==> flow/design.v <==
module fa (
   input logic a,
   input logic b,
   input logic ci,
   output logic s,
   output logic co
);
   assign {co, s} = a + b + ci;
endmodule
module u_sub_unit_mod #(
   parameter int WIDTH = 18
) (
   input logic clk_i,
   input logic nrst,
   input logic [WIDTH-1:0] src1,
   input logic [WIDTH-1:0] src2,
   input logic dir,
   output logic [WIDTH-1:0] q,
   output logic carry_out
);
   logic [WIDTH-1:0] nxt;
   logic [WIDTH:0] carry;
   assign carry[0] = dir;
   for (genvar i = 0; i < WIDTH; i++) begin : blk
      fa u0 (.a(src1[i]), .b(src2[i] ^ dir), .ci(carry[i]), .s(nxt[i]), .co(carry[i+1]));
   end
   always_ff @(posedge clk_i or negedge nrst) begin
      if (!nrst) begin
         q <= 0;
      end else begin
         q <= nxt;
      end
   end
   always_ff @(posedge clk_i or negedge nrst) begin
      if (!nrst) begin
         carry_out <= 1'b0;
      end else begin
         carry_out <= carry[WIDTH];
      end
   end
endmodule
---- Tool chain data of u_sub_unit_mod ----
What the tools print for u_sub_unit_mod, step after step.
Lines are those of the file above, counted from 1.
Operators: Yosys type, input widths -> output width; for muxes data width and select width s.
Cell names lack the library's common part.
Not given: n/a
design
  top ..................................... u_sub_unit_mod
  clock port .............................. clk_i
  library ................................. sky130hd
  corner .................................. tt_025C_1v80

---- After elaboration ----
Yosys after proc, flatten, opt, wreduce and memory -nomap, before mapping. Enables and synchronous resets that opt folds into registers are not counted as muxes. Memory bits, and registers merged into a memory's read port (data or address), are not among the register bits. Print and check cells are not counted. Equal cells are merged and count once.
storage and ports
  flip-flop bits (word level) ............. 19
  latch bits .............................. 0
  memory bits (writable) .................. 0
  ROM bits ................................ 0
  word width x clocked read ports ......... 0
  memories kept ........................... 0
  bits of input ports ..................... 39
  output and inout port bits .............. 19
  elaborated cells ........................ 56
operators by class
  add/sub/neg operators ................... 36
  $mul .................................... 0
  divide/modulo/power cells ............... 0
  $lt $le $gt $ge ......................... 0
  equality and inequality tests ........... 0
  shift-type cells ........................ 0
  multiplexer cells ....................... 0
  bitwise operators ....................... 18
  reductions and logical operators ........ 0
operator list
  cell         number
  $add 1x1->2  18
  $add 2x1->2  18
  $xor 1x1->1  18

---- Logic depth ----
Yosys ltp: most cells in a row. Word level: on the elaborated netlist, between registers, memories and ports. Mapped: between sequential cells and ports; inverters and the memories' decode and read muxes count.
depth
  depth after elaboration ................. 20
  ABC_AREA ................................ 0
  mapped depth ............................ 21
  mapped depth without buffers ............ 20

---- Synthesis result ----
The flow's flattened synthesis, as Yosys stat reports it; memories are mapped. The netlist is that of the ABC_AREA named above (0 if unset); the other value can give another one.
cells by type
  type     number  area in all (µm²)
  dfrtp_1  19      475.456
  fa_1     17      340.326
  xnor2_1  15      131.376
  inv_1    32      120.115
  xor2_1   3       26.275
  buf_12   1       20.019
  buf_6    1       11.261
  mux2_2   1       11.261
mapped netlist
  standard cells after synthesis .......... 89
  synthesis area .......................... 1136.1 µm²
  sequential part of the area ............. 475.5 µm²
  flip-flops .............................. 19
  buffers ................................. 2
The figures by module come from a second, unflattened synthesis with its own total; it is not the netlist above.
second synthesis, totals
  cell total of the unflattened synthesis .. 57
  area (unflattened synthesis) ............ 1024.7 µm²
Rows give one instance, submodules left out.
by module
  module          times used  cells  area (µm²)  sequential area (µm²)
  u_sub_unit_mod  1           39     664.4       475.5
  fa              18          1      20.0        0.0

---- Path before layout ----
OpenSTA on the mapped netlist: ideal clock, no wires. The path of least setup slack (recovery checks aside). Input and output delay are each 20% of the period. Register names are those of the netlist, which keeps one name where synthesis merged equal registers.
timing after synthesis
  path kind ............................... input -> register
  from .................................... in dir
  to ...................................... reg q[17]
  clock period ............................ 11.5 ns
  input delay ............................. 2.300 ns
  library setup time ...................... 0.135 ns
  launch time at the first pin ............ 2.300 ns
  arrival ................................. 9.535 ns
  data required time ...................... 11.365 ns
  slack ................................... 1.830 ns
  delay of the path ....................... 7.370 ns
  driving pins on the path ................ 21
  buffers on the path ..................... 1
  period reached after synthesis .......... 9.67 ns
"delay of the path" = arrival - input delay + setup time.
"driving pins on the path" counts driving pins, that of a launching flip-flop among them; a cell with two outputs on the path counts twice.
"period reached after synthesis" = period - worst setup slack (recovery checks aside). The figure is calculated, with input and output delays left at 20% of the set period.
The rows between start and end are the longest chain of elaborated cells between them; the timing report does not say that the signal goes this way. Where chains are equally long, one stands for them.
Each line given opens the expression or statement behind the cell; cells for indexed reads and writes are added by Yosys, which also makes memories of some case tables.
between the ends, after synthesis
  cell sequence ........................... buf_6 xor2_1 fa_1 inv_1 fa_1 fa_1 fa_1 fa_1 fa_1 fa_1 fa_1 fa_1 fa_1 fa_1 fa_1 fa_1 fa_1 fa_1 fa_1 inv_1 fa_1
  length of the longest elaborated chain .. 20
  elaborated cells on any way between the ends .. 54
  RTL lines with such cells ............... 2
  classes of those cells .................. 36 x add/sub; 18 x logic
ends and longest elaborated chain, after synthesis
  what                       RTL line  RTL
  from (decl)                17        input logic dir,
  $xor 1x1->1                25        fa u0 (.a(src1[i]), .b(src2[i] ^ dir), .ci(carry[i]), .s(nxt[i]), .co(carry[i+1]));
  $add 1x1->2                8         assign {co, s} = a + b + ci;
  $add 2x1->2 (18 in a row)  8
  to (assign)                29        q <= 0;
  to (assign)                31        q <= nxt;
  to (decl)                  18        output logic [WIDTH-1:0] q,

---- Worst path after layout ----
Path of least setup slack in the final report of job 1 (OpenROAD, finished layout, wires in). Where an end is a register, its clock arrival counts in the times.
timing after layout
  path kind ............................... input -> register
  from .................................... in dir
  to ...................................... reg q[17]
  clock period ............................ 11.0 ns
  input delay ............................. 2.20 ns
  library setup time ...................... 0.12 ns
  launch time at the first pin ............ 2.20 ns
  arrival ................................. 10.08 ns
  data required time ...................... 11.12 ns
  slack ................................... 1.04 ns
  driving pins on the path ................ 21
  buffers on the path ..................... 1
The rows between start and end are the longest chain of elaborated cells between them; the timing report does not say that the signal goes this way. Where chains are equally long, one stands for them.
between the ends, after layout
  cell sequence ........................... clkdlybuf4s50_1 xor2_1 fa_1 inv_1 fa_1 fa_1 fa_1 fa_1 fa_1 fa_1 fa_1 fa_1 fa_1 fa_1 fa_1 fa_1 fa_1 fa_1 fa_1 inv_1 fa_1
  length of the longest elaborated chain .. 20
  elaborated cells on any way between the ends .. 54
  RTL lines with such cells ............... 2
  classes of those cells .................. 36 x add/sub; 18 x logic
ends and longest elaborated chain, after layout
  what                       RTL line  RTL
  from (decl)                17        input logic dir,
  $xor 1x1->1                25        fa u0 (.a(src1[i]), .b(src2[i] ^ dir), .ci(carry[i]), .s(nxt[i]), .co(carry[i+1]));
  $add 1x1->2                8         assign {co, s} = a + b + ci;
  $add 2x1->2 (18 in a row)  8
  to (assign)                29        q <= 0;
  to (assign)                31        q <= nxt;
  to (decl)                  18        output logic [WIDTH-1:0] q,

Lab notebook: u_sub_unit_mod

Flow measurements of u_sub_unit_mod on sky130hd: 3 stored runs with different settings, listed in no order. Input and output delays are each 20% of the period that was set; the output load is 0.01 pF.
"worst setup path time (ns)" = time allowed to the worst setup path (clock period - input delay - output delay, where it has them) - its slack; a late launch clock adds to it, a late capture clock takes from it.
"finish__power__total" is the tool's figure for a default switching activity; nothing was simulated.

Flow files of job 1
==> flow/run.sh <==
#!/bin/bash
# the make line also repeats the synthesis and layout settings of config.mk as NAME=value (left out here)
make -C /OpenROAD-flow-scripts/flow DESIGN_CONFIG=/design/flow/config.mk WORK_HOME=/design/flow/orfs CLKGATE_MAP_FILE= finish
==> flow/config.mk <==
export PLATFORM = sky130hd
export DESIGN_NAME = u_sub_unit_mod
export DESIGN_NICKNAME = u_sub_unit_mod
export VERILOG_FILES = /design/flow/design.v
export SDC_FILE = /design/flow/constraint.sdc
export NUM_CORES = 4
export LEC_CHECK = 0
export CAP_MARGIN = 15
export CELL_PAD_IN_SITES_GLOBAL_PLACEMENT = 0
export CORE_MARGIN = 7
export CORE_UTILIZATION = 29
export CTS_CLUSTER_SIZE = 99
export GPL_ROUTABILITY_DRIVEN = 1
export GPL_TIMING_DRIVEN = 1
export PLACE_DENSITY = 0.74
export SLEW_MARGIN = 20
export TNS_END_PERCENT = 15
==> flow/constraint.sdc <==
create_clock -name core_clock -period 11.0 [get_ports {clk_i}]
set_input_delay 2.2000 -clock core_clock [delete_from_list [all_inputs] [get_ports {clk_i}]]
set_output_delay 2.2000 -clock core_clock [all_outputs]
set_load 0.01 [all_outputs]

report of job 1
yosys chip area after synthesis (um^2): 1136.1
finish__design__die__area: 5866.0
finish__design__instance__area__stdcell: 1788.0
finish__design__instance__utilization: 0.4811
finish__timing__setup__ws: 1.043
finish__timing__setup__tns: 0.000
finish__timing__hold__ws: 2.411
finish__power__total: 2.442e-04
worst setup path time (ns): 7.76
worst setup path kind: input -> register

Flow files of job 2
==> flow/run.sh <==
#!/bin/bash
# the make line also repeats the synthesis and layout settings of config.mk as NAME=value (left out here)
make -C /OpenROAD-flow-scripts/flow DESIGN_CONFIG=/design/flow/config.mk WORK_HOME=/design/flow/orfs CLKGATE_MAP_FILE= finish
==> flow/config.mk <==
export PLATFORM = sky130hd
export DESIGN_NAME = u_sub_unit_mod
export DESIGN_NICKNAME = u_sub_unit_mod
export VERILOG_FILES = /design/flow/design.v
export SDC_FILE = /design/flow/constraint.sdc
export NUM_CORES = 4
export LEC_CHECK = 0
export CAP_MARGIN = 20
export CELL_PAD_IN_SITES_GLOBAL_PLACEMENT = 2
export CORE_ASPECT_RATIO = 0.56
export CORE_MARGIN = 2
export CORE_UTILIZATION = 57
export GPL_ROUTABILITY_DRIVEN = 0
export PLACE_DENSITY_LB_ADDON = 0.06
export SLEW_MARGIN = 20
==> flow/constraint.sdc <==
create_clock -name core_clock -period 14.4 [get_ports {clk_i}]
set_input_delay 2.8800 -clock core_clock [delete_from_list [all_inputs] [get_ports {clk_i}]]
set_output_delay 2.8800 -clock core_clock [all_outputs]
set_load 0.01 [all_outputs]

report of job 2: did not finish, place, FLW-0024

Flow files of job 3
==> flow/run.sh <==
#!/bin/bash
# the make line also repeats the synthesis and layout settings of config.mk as NAME=value (left out here)
make -C /OpenROAD-flow-scripts/flow DESIGN_CONFIG=/design/flow/config.mk WORK_HOME=/design/flow/orfs CLKGATE_MAP_FILE= finish
==> flow/config.mk <==
export PLATFORM = sky130hd
export DESIGN_NAME = u_sub_unit_mod
export DESIGN_NICKNAME = u_sub_unit_mod
export VERILOG_FILES = /design/flow/design.v
export SDC_FILE = /design/flow/constraint.sdc
export NUM_CORES = 4
export LEC_CHECK = 0
export CAP_MARGIN = 20
export CORE_MARGIN = 2
export CORE_UTILIZATION = 40
export SLEW_MARGIN = 20
==> flow/constraint.sdc <==
create_clock -name core_clock -period 11.5 [get_ports {clk_i}]
set_input_delay 2.3000 -clock core_clock [delete_from_list [all_inputs] [get_ports {clk_i}]]
set_output_delay 2.3000 -clock core_clock [all_outputs]
set_load 0.01 [all_outputs]

report of job 3
yosys chip area after synthesis (um^2): 1136.1
finish__design__die__area: 3282.7
finish__design__instance__area__stdcell: 1747.9
finish__design__instance__utilization: 0.6394
finish__timing__setup__ws: 1.312
finish__timing__setup__tns: 0.000
finish__timing__hold__ws: 2.481
finish__power__total: 2.180e-04
worst setup path time (ns): 7.89
worst setup path kind: input -> register
